==> flow/design.v <==
module cmp_unit_stage #(
   parameter WD = 7
) (
   input wire ck,
   input wire nrst,
   input wire [WD-1:0] i_x,
   input wire [WD-1:0] i_y,
   output reg [WD-1:0] o_low,
   output reg [WD-1:0] o_high
);
   reg [WD-1:0] x_reg;
   always @(posedge ck or negedge nrst) begin
      if (!nrst) begin
         x_reg <= 0;
      end else begin
         x_reg <= i_x;
      end
   end
   reg [WD-1:0] y_reg;
   always @(posedge ck or negedge nrst) begin
      if (!nrst) begin
         y_reg <= 0;
      end else begin
         y_reg <= i_y;
      end
   end
   reg r_reg;
   always @(posedge ck or negedge nrst) begin
      if (!nrst) begin
         r_reg <= 1'b0;
      end else begin
         r_reg <= (x_reg < y_reg);
      end
   end
   reg [WD-1:0] x_reg_d;
   always @(posedge ck or negedge nrst) begin
      if (!nrst) begin
         x_reg_d <= 0;
      end else begin
         x_reg_d <= x_reg;
      end
   end
   reg [WD-1:0] y_reg_d;
   always @(posedge ck or negedge nrst) begin
      if (!nrst) begin
         y_reg_d <= 0;
      end else begin
         y_reg_d <= y_reg;
      end
   end
   always @(posedge ck or negedge nrst) begin
      if (!nrst) begin
         o_low <= 0;
      end else begin
         o_low <= r_reg ? x_reg_d : y_reg_d;
      end
   end
   always @(posedge ck or negedge nrst) begin
      if (!nrst) begin
         o_high <= 0;
      end else begin
         o_high <= r_reg ? y_reg_d : x_reg_d;
      end
   end
endmodule
Wiki page: cmp_unit_stage / tool data

Tool chain data of cmp_unit_stage. A sweep over "WD": the same steps for each member of the family. The RTL above is that of WD = 7; lines are counted from 1 in the file of the member named. Library cell names are shortened. The mark -- stands for no value.

Top module: cmp_unit_stage. Clock input: ck. Cell library: sky130hd. Library corner: tt_025C_1v80.

Source of the members. New or changed lines of each further member against the RTL above, in its own file; lines it lacks are not shown.

Lines new or changed: WD 10 (line 2) `parameter WD = 10`; WD 64 (line 2) `parameter WD = 64`; WD 80 (line 2) `parameter WD = 80`; WD 96 (line 2) `parameter WD = 96`.

Word level. Counts by Yosys on the flattened word-level netlist (proc, flatten, opt, wreduce; memories kept). Register bits leave out memories and registers merged into their read ports (data or address); mux counts leave out enables and synchronous resets folded into registers. Print and check cells are left out. Cells with the same type and inputs are merged into one.

Storage and ports: WD 7 (bits in registers 43, RAM bits 0, elaborated cells 10, input port bits 16, memory cells 0, bits in latches 0, output and inout port bits 14, ROM bits 0, clocked read ports x word width 0); WD 10 (bits in registers 61, RAM bits 0, elaborated cells 10, input port bits 22, memory cells 0, bits in latches 0, output and inout port bits 20, ROM bits 0, clocked read ports x word width 0); WD 64 (bits in registers 385, RAM bits 0, elaborated cells 10, input port bits 130, memory cells 0, bits in latches 0, output and inout port bits 128, ROM bits 0, clocked read ports x word width 0); WD 80 (bits in registers 481, RAM bits 0, elaborated cells 10, input port bits 162, memory cells 0, bits in latches 0, output and inout port bits 160, ROM bits 0, clocked read ports x word width 0); WD 96 (bits in registers 577, RAM bits 0, elaborated cells 10, input port bits 194, memory cells 0, bits in latches 0, output and inout port bits 192, ROM bits 0, clocked read ports x word width 0).

Operators by class: WD 7 (reduce/logical cells 0, mux-type cells 2, equal/unequal tests 0, add/sub/neg operators 0, multipliers 0, $lt $le $gt $ge 1, div/mod/pow operators 0, bitwise gates (word level) 0, shift operators 0); WD 10 (reduce/logical cells 0, mux-type cells 2, equal/unequal tests 0, add/sub/neg operators 0, multipliers 0, $lt $le $gt $ge 1, div/mod/pow operators 0, bitwise gates (word level) 0, shift operators 0); WD 64 (reduce/logical cells 0, mux-type cells 2, equal/unequal tests 0, add/sub/neg operators 0, multipliers 0, $lt $le $gt $ge 1, div/mod/pow operators 0, bitwise gates (word level) 0, shift operators 0); WD 80 (reduce/logical cells 0, mux-type cells 2, equal/unequal tests 0, add/sub/neg operators 0, multipliers 0, $lt $le $gt $ge 1, div/mod/pow operators 0, bitwise gates (word level) 0, shift operators 0); WD 96 (reduce/logical cells 0, mux-type cells 2, equal/unequal tests 0, add/sub/neg operators 0, multipliers 0, $lt $le $gt $ge 1, div/mod/pow operators 0, bitwise gates (word level) 0, shift operators 0).

Operator list (kind and count): WD 7 (two-way mux 7 bit (2); less-than comparator 7 bit (1)); WD 10 (two-way mux 10 bit (2); less-than comparator 10 bit (1)); WD 64 (two-way mux 64 bit (2); less-than comparator 64 bit (1)); WD 80 (two-way mux 80 bit (2); less-than comparator 80 bit (1)); WD 96 (two-way mux 96 bit (2); less-than comparator 96 bit (1)).

Longest topological paths. Longest topological path by Yosys (ltp), each cell counted once; first at word level (registers and memories cut), then after technology mapping (sequential cells cut; the memories' decode and read muxes count).

Logic depth: WD 7 (depth after elaboration 1, ABC_AREA 0, mapped depth 5); WD 10 (depth after elaboration 1, ABC_AREA 0, mapped depth 6); WD 64 (depth after elaboration 1, ABC_AREA 0, mapped depth 8); WD 80 (depth after elaboration 1, ABC_AREA 0, mapped depth 8); WD 96 (depth after elaboration 1, ABC_AREA 0, mapped depth 9).

Synthesis result. The flow's flattened synthesis, as Yosys stat reports it; memories are mapped. The netlist is that of the ABC_AREA named above (0 if unset); the other value can give another one. The area totals of this step are shown rounded.

Mapped netlist: WD 7 (buffer cells 1, mapped area 1400 um2, cell count 81, flip-flops 43, sequential area 1100 um2); WD 10 (buffer cells 2, mapped area 2000 um2, cell count 115, flip-flops 61, sequential area 1500 um2); WD 64 (buffer cells 14, mapped area 13000 um2, cell count 753, flip-flops 385, sequential area 9600 um2); WD 80 (buffer cells 18, mapped area 16000 um2, cell count 941, flip-flops 481, sequential area 12000 um2); WD 96 (buffer cells 21, mapped area 19000 um2, cell count 1128, flip-flops 577, sequential area 14000 um2).

Cells by type (type and count): WD 7 (dfrtp_1 (43); mux2_2 (14); ha_1 (6); inv_1 (6); a21oi_1 (4); buf_6 (1); nand2_1 (3); o21ai_0 (2); nor2b_1 (1); nor2_1 (1)); WD 10 (dfrtp_1 (61); mux2_2 (20); ha_1 (9); inv_1 (9); a21oi_1 (4); nand2b_4 (1); a211oi_2 (1); nand2_1 (3); buf_2 (2); a41oi_1 (1); o2bb2ai_1 (1); nand3_1 (1); o21ai_0 (1); nor2_1 (1)); WD 64 (dfrtp_1 (385); mux2_2 (128); ha_1 (63); inv_1 (65); a21oi_1 (28); nand2_1 (20); o21ai_0 (12); clkbuf_1 (12); nand4_1 (7); a221oi_1 (3); and4_1 (3); or4_4 (2); nor2_1 (5); a21o_1 (2); nand3_1 (3); o21a_1 (2); nand4_2 (1); a221o_1 (1); [+11]); WD 80 (dfrtp_1 (481); mux2_2 (131); ha_1 (79); mux2_1 (29); inv_1 (79); a21oi_1 (33); nand2_1 (23); a21o_1 (9); nand4_1 (10); o21ai_0 (11); clkbuf_1 (14); nor2_1 (10); nand3_1 (5); nand4_4 (1); nor4_4 (1); nor4_1 (3); a221oi_1 (2); a2111oi_2 (1); [+19]); WD 96 (dfrtp_1 (577); mux2_2 (192); ha_1 (95); inv_1 (95); a21oi_1 (29); nand4_1 (16); o21ai_0 (19); a211oi_1 (11); nand2_1 (22); clkbuf_1 (21); a21o_1 (6); nor2_1 (12); nor4_1 (5); nand3_1 (6); nor3_1 (6); a221o_1 (2); a221oi_2 (1); nand2b_1 (2); [+11]).

A list marked [+n] leaves out that many cells.

Timing after synthesis. Path of least setup slack by OpenSTA after synthesis, without wires, with an ideal clock, recovery checks aside; 20% of the period is set as input and as output delay. Where synthesis merged equal registers, the netlist keeps one of their names.

Timing path after synthesis: WD 7 (path type reg2reg, start register x_reg[2], end register r_reg, period 1.3 ns, path slack 0.261 ns, path delay 1.039 ns, stages 5, synthesis period reached 1.039 ns); WD 10 (path type reg2reg, start register x_reg[4], end register r_reg, period 1.46 ns, path slack 0.292 ns, path delay 1.167 ns, stages 6, synthesis period reached 1.168 ns); WD 64 (path type reg2reg, start register x_reg[55], end register r_reg, period 2.76 ns, path slack 0.555 ns, path delay 2.205 ns, stages 6, synthesis period reached 2.205 ns); WD 80 (path type reg2reg, start register x_reg[7], end register r_reg, period 2.63 ns, path slack 0.524 ns, path delay 2.105 ns, stages 7, synthesis period reached 2.106 ns); WD 96 (path type reg2reg, start register x_reg[89], end register r_reg, period 2.55 ns, path slack 0.511 ns, path delay 2.038 ns, stages 9, synthesis period reached 2.039 ns).

"path delay" is the arrival time less input delay plus setup time. "stages": output pins that drive a net of the path, with the launching flip-flop's if there is one; two outputs of one cell count as two. "synthesis period reached" is the clock period less the worst setup slack; recovery checks do not enter. This is arithmetic on one report: input and output delays are still those of the set period (20% each). The rows between start and end are the longest chain of elaborated cells between them; the timing report does not say that the signal goes this way. Where chains are equally long, one stands for them. A line is the first line of the expression or statement that the cell stems from. Yosys adds cells for indexed reads and writes and turns some case tables into memories.

Between the ends, after synthesis, WD = 7:
Cells in the longest elaborated chain: 1.

RTL lines, path after synthesis, WD = 7: start: declaration (line 11) `reg [WD-1:0] x_reg;`; start: assignment (line 14) `x_reg <= 0;`; start: assignment (line 16) `x_reg <= i_x;`; less-than comparator 7 bit (line 32) `r_reg <= (x_reg < y_reg);`; end: assignment (line 30) `r_reg <= 1'b0;`; end: assignment (line 32); end: declaration (line 27) `reg r_reg;`.

Between the ends, after synthesis, WD = 96:
Cells in the longest elaborated chain: 1.

RTL lines, path after synthesis, WD = 96: start: declaration (line 11) `reg [WD-1:0] x_reg;`; start: assignment (line 14) `x_reg <= 0;`; start: assignment (line 16) `x_reg <= i_x;`; less-than comparator 96 bit (line 32) `r_reg <= (x_reg < y_reg);`; end: assignment (line 30) `r_reg <= 1'b0;`; end: assignment (line 32); end: declaration (line 27) `reg r_reg;`.

Timing after layout. From the final timing report of each member's run: the path of least setup slack in the routed layout; clock arrival at registers is part of the times.

Timing path after layout: WD 7 (path type reg2out, start register o_low[0], end output port o_low[0], data arrival time 0.99 ns, path buffers 1, path slack 0.05 ns, period 1.3 ns, stages 2); WD 10 (path type reg2reg, start register x_reg[4], end register r_reg, data arrival time 1.58 ns, path buffers 0, path slack 0.13 ns, period 1.46 ns, stages 6); WD 64 (path type reg2reg, start register x_reg[1], end register r_reg, data arrival time 2.86 ns, path buffers 0, path slack 0.34 ns, period 2.76 ns, stages 7); WD 80 (path type reg2reg, start register x_reg[27], end register r_reg, data arrival time 2.84 ns, path buffers 0, path slack 0.23 ns, period 2.63 ns, stages 8); WD 96 (path type reg2reg, start register x_reg[89], end register r_reg, data arrival time 2.84 ns, path buffers 0, path slack 0.25 ns, period 2.55 ns, stages 9).

Flow runs. One run of the flow (Yosys, OpenROAD) for each member, with settings and measured results. Input and output delays are each 20% of the period that was set; the output load is 0.01 pF.

Under CAP_MARGIN stands 20. The entry for CORE_MARGIN reads 2. Under CORE_UTILIZATION stands 40. The entry for SLEW_MARGIN reads 20.

Settings by member (period_ns): WD 7 (1.3); WD 10 (1.46); WD 64 (2.76); WD 80 (2.63); WD 96 (2.55).

Final reports: WD 7 (period reached 1.248 ns, total negative slack on setup checks 0.000 ns, mapped cell area after synthesis 1400 um2, standard-cell area after layout 1800 um2, total power after layout 0.0025 W, worst setup slack after layout 0.052 ns, utilization of the finished layout 55%, post-route worst hold slack 0.35 ns, die footprint 4000 um2); WD 10 (period reached 1.332 ns, total negative slack on setup checks 0.000 ns, mapped cell area after synthesis 2000 um2, standard-cell area after layout 2700 um2, total power after layout 0.0035 W, worst setup slack after layout 0.13 ns, utilization of the finished layout 56%, post-route worst hold slack 0.37 ns, die footprint 5600 um2); WD 64 (period reached 2.423 ns, total negative slack on setup checks 0.000 ns, mapped cell area after synthesis 13000 um2, standard-cell area after layout 17000 um2, total power after layout 0.013 W, worst setup slack after layout 0.34 ns, utilization of the finished layout 55%, post-route worst hold slack 0.37 ns, die footprint 33000 um2); WD 80 (period reached 2.397 ns, total negative slack on setup checks 0.000 ns, mapped cell area after synthesis 16000 um2, standard-cell area after layout 21000 um2, total power after layout 0.017 W, worst setup slack after layout 0.23 ns, utilization of the finished layout 54%, post-route worst hold slack 0.37 ns, die footprint 41000 um2); WD 96 (period reached 2.302 ns, total negative slack on setup checks 0.000 ns, mapped cell area after synthesis 19000 um2, standard-cell area after layout 26000 um2, total power after layout 0.021 W, worst setup slack after layout 0.25 ns, utilization of the finished layout 55%, post-route worst hold slack 0.35 ns, die footprint 49000 um2).

"period reached" is the run's clock period less its worst setup slack. It is reckoned from that one timing run; input and output delays stay at 20% of the period that was set. "total power after layout": no workload was simulated; the value follows from the tool's default switching activity. Measured values are rounded.
